==> flow/design.v <==
module my_selector_rtl #(
    parameter W = 32
) (
    input wire clk,
    input wire nrst,
    input wire [W-1:0] din0,
    input wire [W-1:0] din1,
    input wire [W-1:0] din2,
    input wire [W-1:0] din3,
    input wire [W-1:0] din4,
    input wire [W-1:0] din5,
    input wire [2:0] sel,
    output wire [W-1:0] q
);
    reg [W-1:0] din0_ff;
    reg [W-1:0] din1_ff;
    reg [W-1:0] din2_ff;
    reg [W-1:0] din3_ff;
    reg [W-1:0] din4_ff;
    reg [W-1:0] din5_ff;
    reg [2:0] sel_ff;
    always @(posedge clk or negedge nrst) begin
        if (!nrst) begin
            din0_ff <= 0;
            din1_ff <= 0;
            din2_ff <= 0;
            din3_ff <= 0;
            din4_ff <= 0;
            din5_ff <= 0;
            sel_ff <= 0;
        end else begin
            din0_ff <= din0;
            din1_ff <= din1;
            din2_ff <= din2;
            din3_ff <= din3;
            din4_ff <= din4;
            din5_ff <= din5;
            sel_ff <= sel;
        end
    end
    reg [W-1:0] t;
    always @* begin
        if (sel_ff == 0) t = din0_ff;
        else if (sel_ff == 1) t = din1_ff;
        else if (sel_ff == 2) t = din2_ff;
        else if (sel_ff == 3) t = din3_ff;
        else if (sel_ff == 4) t = din4_ff;
        else t = din5_ff;
    end
    assign q = t;
endmodule
# From RTL to reports: my_selector_rtl

The steps from the RTL of my_selector_rtl to its reports follow in flow order.
Line numbers count from 1 in the design file above.
Not given: -

Design top: my_selector_rtl
Clock: clk
Cell library: sky130hd
Timing corner: tt_025C_1v80

# Elaborated design

Counts by Yosys on the flattened word-level netlist (proc, flatten, opt, wreduce; memories kept). Register bits leave out memories and registers merged into their read ports (data or address); mux counts leave out enables and synchronous resets folded into registers. Print and check cells are left out. Cells with the same type and inputs are merged into one.

Reduce/logical cells: 1
Shifts and indexed selects: 0
Multiply operators: 0
Mux-type cells: 5
Div/mod/pow operators: 0
Equal/unequal tests: 4
Bitwise gates (word level): 0
Add/subtract/negate cells: 0
Magnitude comparators: 0

Operator list:

| cell                                                           | number |
| 32-bit two-way mux                                             | 5 |
| 3-bit by 2-bit equality test with 1-bit output with constant B | 2 |
| 3-bit by 1-bit equality test with 1-bit output with constant B | 1 |
| 3-bit equality test with constant B                            | 1 |
| 3-bit logical NOT                                              | 1 |

Register bits after elaboration: 195
Bits in writable memories: 0
Clocked read ports x word width: 0
Memories kept: 0
Word-level cells: 17
Output and inout port bits: 32
Memory bits (read-only): 0
Latch bits: 0
Input port bits: 197

# Depth

Longest topological path by Yosys (ltp), each cell counted once; first at word level (registers and memories cut), then after technology mapping (sequential cells cut; the memories' decode and read muxes count).

Word-level depth: 6
ABC_AREA: 0
Gate-level depth with buffers: 5
Depth with buffers taken out: 3

# Mapped cells and area

Source: synth_stat.txt of the flow (Yosys; design flattened, memories mapped). It holds for the ABC_AREA given above (unset counts as 0); a run with the other value may have another netlist.

Cell types:

| type                       | number | area in all (um^2) |
| sky130_fd_sc_hd__dfrtp_1   | 195    | 4879.68 |
| sky130_fd_sc_hd__a2111oi_2 | 30     | 450.432 |
| sky130_fd_sc_hd__a211oi_1  | 31     | 232.723 |
| sky130_fd_sc_hd__nor3b_1   | 31     | 232.723 |
| sky130_fd_sc_hd__o22ai_1   | 32     | 200.192 |
| sky130_fd_sc_hd__nor2b_1   | 31     | 193.936 |
| sky130_fd_sc_hd__nor3_1    | 31     | 155.149 |
| sky130_fd_sc_hd__buf_2     | 16     | 80.077 |
| sky130_fd_sc_hd__buf_4     | 9      | 67.565 |
| sky130_fd_sc_hd__clkbuf_1  | 8      | 30.029 |
| sky130_fd_sc_hd__nand2b_1  | 3      | 18.768 |
| sky130_fd_sc_hd__mux2_1    | 1      | 11.261 |
| sky130_fd_sc_hd__mux2_2    | 1      | 11.261 |
| sky130_fd_sc_hd__nor2_4    | 1      | 11.261 |
| sky130_fd_sc_hd__a2111oi_1 | 1      | 10.01 |
| sky130_fd_sc_hd__nand2b_2  | 1      | 8.758 |
| sky130_fd_sc_hd__o31ai_1   | 1      | 7.507 |
| sky130_fd_sc_hd__or2_1     | 1      | 6.256 |

Other cell types: 2; their cells: 2.

Flip-flops: 195
Synthesis area: 6616.3 um^2
Buffer cells: 33
Mapped cells: 426
Sequential area: 4879.7 um^2

# Timing after synthesis

Path of least setup slack by OpenSTA after synthesis, without wires, with an ideal clock, recovery checks aside; 20% of the period is set as input and as output delay. Where synthesis merged equal registers, the netlist keeps one of their names.

Path kind: reg-to-output
From: reg sel_ff[0]
To: out q[0]
Stages: 6
Time at the first pin: 0.000 ns
Arrival: 1.327 ns
Buffers on the path: 2
Setup slack: 0.329 ns
External output delay: 0.414 ns
Delay of the path: 1.327 ns
Required time: 1.656 ns
Clock period: 2.07 ns
Synthesis period reached: 1.741 ns

"delay of the path" = arrival - input delay + setup time.
A path that ends at an output port has no setup time.
"stages" counts driving pins, that of a launching flip-flop among them; a cell with two outputs on the path counts twice.
"synthesis period reached" = period - worst setup slack (recovery checks aside). The figure is calculated, with input and output delays left at 20% of the set period.
The rows between start and end are the longest chain of elaborated cells between them; the timing report does not say that the signal goes this way. Where chains are equally long, one stands for them.
Each line given opens the expression or statement behind the cell; cells for indexed reads and writes are added by Yosys, which also makes memories of some case tables.

Cells stage by stage: sky130_fd_sc_hd__dfrtp_1 > sky130_fd_sc_hd__buf_4 > sky130_fd_sc_hd__nand2b_2 > sky130_fd_sc_hd__buf_4 > sky130_fd_sc_hd__o22ai_1 > sky130_fd_sc_hd__a2111oi_2
Cells in the longest elaborated chain: 6
Elaborated cells between the ends (all ways): 10
RTL lines with such cells: 5
Classes of those cells: eq/ne: 4; mux: 5; reduce/logical: 1

RTL lines, path post-synthesis:

| what                | line | RTL |
| start, declared     | 21   | `reg [2:0] sel_ff;` |
| start, assigned     | 30   | `sel_ff <= 0;` |
| start, assigned     | 38   | `sel_ff <= sel;` |
| 3-bit equality test | 47   | `else if (sel_ff == 4) t = din4_ff;` |
| 32-bit two-way mux  | 47   |  |
| 32-bit two-way mux  | 46   | `else if (sel_ff == 3) t = din3_ff;` |
| 32-bit two-way mux  | 45   | `else if (sel_ff == 2) t = din2_ff;` |
| 32-bit two-way mux  | 44   | `else if (sel_ff == 1) t = din1_ff;` |
| 32-bit two-way mux  | 43   | `if (sel_ff == 0) t = din0_ff;` |
| end, declared       | 13   | `output wire [W-1:0] q` |

# Worst path after layout

Path of least setup slack in the final report of run B (OpenROAD, finished layout, wires in). Where an end is a register, its clock arrival counts in the times.

Path kind: reg-to-output
From: reg sel_ff[0]
To: out q[19]
Setup slack: -0.32 ns
Buffers on the path: 2
Arrival: 1.97 ns
Time at the first pin: 0.42 ns
Required time: 1.66 ns
External output delay: 0.41 ns
Stages: 5
Clock period: 2.07 ns

The rows between start and end are the longest chain of elaborated cells between them; the timing report does not say that the signal goes this way. Where chains are equally long, one stands for them.

Cells stage by stage: sky130_fd_sc_hd__dfrtp_2 > sky130_fd_sc_hd__buf_6 > sky130_fd_sc_hd__a211oi_1 > sky130_fd_sc_hd__a2111oi_2 > sky130_fd_sc_hd__buf_2
Cells in the longest elaborated chain: 6
Elaborated cells between the ends (all ways): 10
RTL lines with such cells: 5
Classes of those cells: eq/ne: 4; mux: 5; reduce/logical: 1

RTL lines, path after layout:

| what                | line | RTL |
| start, declared     | 21   | `reg [2:0] sel_ff;` |
| start, assigned     | 30   | `sel_ff <= 0;` |
| start, assigned     | 38   | `sel_ff <= sel;` |
| 3-bit equality test | 47   | `else if (sel_ff == 4) t = din4_ff;` |
| 32-bit two-way mux  | 47   |  |
| 32-bit two-way mux  | 46   | `else if (sel_ff == 3) t = din3_ff;` |
| 32-bit two-way mux  | 45   | `else if (sel_ff == 2) t = din2_ff;` |
| 32-bit two-way mux  | 44   | `else if (sel_ff == 1) t = din1_ff;` |
| 32-bit two-way mux  | 43   | `if (sel_ff == 0) t = din0_ff;` |
| end, declared       | 13   | `output wire [W-1:0] q` |

==> results <==
Design my_selector_rtl on sky130hd. What follows are 3 stored runs of the flow, each under its own settings; their order means nothing. The constraints put input and output delay at 20% of the set period each and load the outputs with 0.01 pF.
"achieved period": clock period set for the run, less the worst setup slack. It is reckoned from that one timing run; input and output delays stay at 20% of the period that was set.
By "allowed time less slack (worst setup path)" is meant the share of the clock period that the worst setup path is allowed (20% is reserved at inputs, 20% at outputs), minus its slack. Clock arrival times at its registers enter into it.
By "power" is meant OpenSTA's value without simulated activity: inputs other than the clock are taken to toggle once in ten clock periods, and the tool carries that through the logic.

## Run A

==> flow/run.sh <==
#!/bin/bash
# the make line also repeats the synthesis and layout settings of config.mk as NAME=value (left out here)
make -C /OpenROAD-flow-scripts/flow DESIGN_CONFIG=/design/flow/config.mk WORK_HOME=/design/flow/orfs CLKGATE_MAP_FILE= finish
==> flow/config.mk <==
export PLATFORM = sky130hd
export DESIGN_NAME = my_selector_rtl
export DESIGN_NICKNAME = my_selector_rtl
export VERILOG_FILES = /design/flow/design.v
export SDC_FILE = /design/flow/constraint.sdc
export NUM_CORES = 4
export LEC_CHECK = 0
export CAP_MARGIN = 30
export CELL_PAD_IN_SITES_DETAIL_PLACEMENT = 2
export CORE_ASPECT_RATIO = 0.9
export CORE_MARGIN = 5
export CORE_UTILIZATION = 68
export CTS_CLUSTER_SIZE = 53
export HOLD_SLACK_MARGIN = 0.3
export PLACE_DENSITY_LB_ADDON = 0.14
export SLEW_MARGIN = 20
==> flow/constraint.sdc <==
create_clock -name core_clock -period 1.86 [get_ports {clk}]
set_input_delay 0.3720 -clock core_clock [delete_from_list [all_inputs] [get_ports {clk}]]
set_output_delay 0.3720 -clock core_clock [all_outputs]
set_load 0.01 [all_outputs]

Run A: not finished: placement ended with a tool error

## Run B

==> flow/run.sh <==
#!/bin/bash
# the make line also repeats the synthesis and layout settings of config.mk as NAME=value (left out here)
make -C /OpenROAD-flow-scripts/flow DESIGN_CONFIG=/design/flow/config.mk WORK_HOME=/design/flow/orfs CLKGATE_MAP_FILE= finish
==> flow/config.mk <==
export PLATFORM = sky130hd
export DESIGN_NAME = my_selector_rtl
export DESIGN_NICKNAME = my_selector_rtl
export VERILOG_FILES = /design/flow/design.v
export SDC_FILE = /design/flow/constraint.sdc
export NUM_CORES = 4
export LEC_CHECK = 0
export CAP_MARGIN = 20
export CORE_MARGIN = 2
export CORE_UTILIZATION = 40
export SLEW_MARGIN = 20
==> flow/constraint.sdc <==
create_clock -name core_clock -period 2.07 [get_ports {clk}]
set_input_delay 0.4140 -clock core_clock [delete_from_list [all_inputs] [get_ports {clk}]]
set_output_delay 0.4140 -clock core_clock [all_outputs]
set_load 0.01 [all_outputs]

| result of run B | value |
|---|---|
| die outline area | 17585.4 um^2 |
| netlist area reported by Yosys | 6616.3 um^2 |
| power | 8.470 mW |
| allowed time less slack (worst setup path) | 1.97 ns |
| worst setup path type | reg-to-output |
| achieved period | 2.387 ns |
| setup TNS | -8.980 ns |
| area of the standard cells in the finished layout | 10537.6 um^2 |
| worst setup slack after layout | -0.317 ns |
| utilization in the final report | 64.5% |

## Run C

==> flow/run.sh <==
#!/bin/bash
# the make line also repeats the synthesis and layout settings of config.mk as NAME=value (left out here)
make -C /OpenROAD-flow-scripts/flow DESIGN_CONFIG=/design/flow/config.mk WORK_HOME=/design/flow/orfs CLKGATE_MAP_FILE= finish
==> flow/config.mk <==
export PLATFORM = sky130hd
export DESIGN_NAME = my_selector_rtl
export DESIGN_NICKNAME = my_selector_rtl
export VERILOG_FILES = /design/flow/design.v
export SDC_FILE = /design/flow/constraint.sdc
export NUM_CORES = 4
export LEC_CHECK = 0
export CAP_MARGIN = 20
export CELL_PAD_IN_SITES_DETAIL_PLACEMENT = 0
export CELL_PAD_IN_SITES_GLOBAL_PLACEMENT = 3
export CORE_MARGIN = 2
export CORE_UTILIZATION = 24
export CTS_CLUSTER_DIAMETER = 73
export GPL_ROUTABILITY_DRIVEN = 0
export MAX_ROUTING_LAYER = met4
export PLACE_DENSITY_LB_ADDON = 0.07
export SETUP_SLACK_MARGIN = 0.32
export SLEW_MARGIN = 20
==> flow/constraint.sdc <==
create_clock -name core_clock -period 1.27 [get_ports {clk}]
set_input_delay 0.2540 -clock core_clock [delete_from_list [all_inputs] [get_ports {clk}]]
set_output_delay 0.2540 -clock core_clock [all_outputs]
set_load 0.01 [all_outputs]

| result of run C | value |
|---|---|
| setup TNS | -31.113 ns |
| utilization in the final report | 41.7% |
| area of the standard cells in the finished layout | 11264.6 um^2 |
| worst setup slack after layout | -1.040 ns |
| netlist area reported by Yosys | 6616.3 um^2 |
| allowed time less slack (worst setup path) | 2.06 ns |
| worst setup path type | reg-to-output |
| power | 14.200 mW |
| die outline area | 28911.9 um^2 |
| achieved period | 2.310 ns |
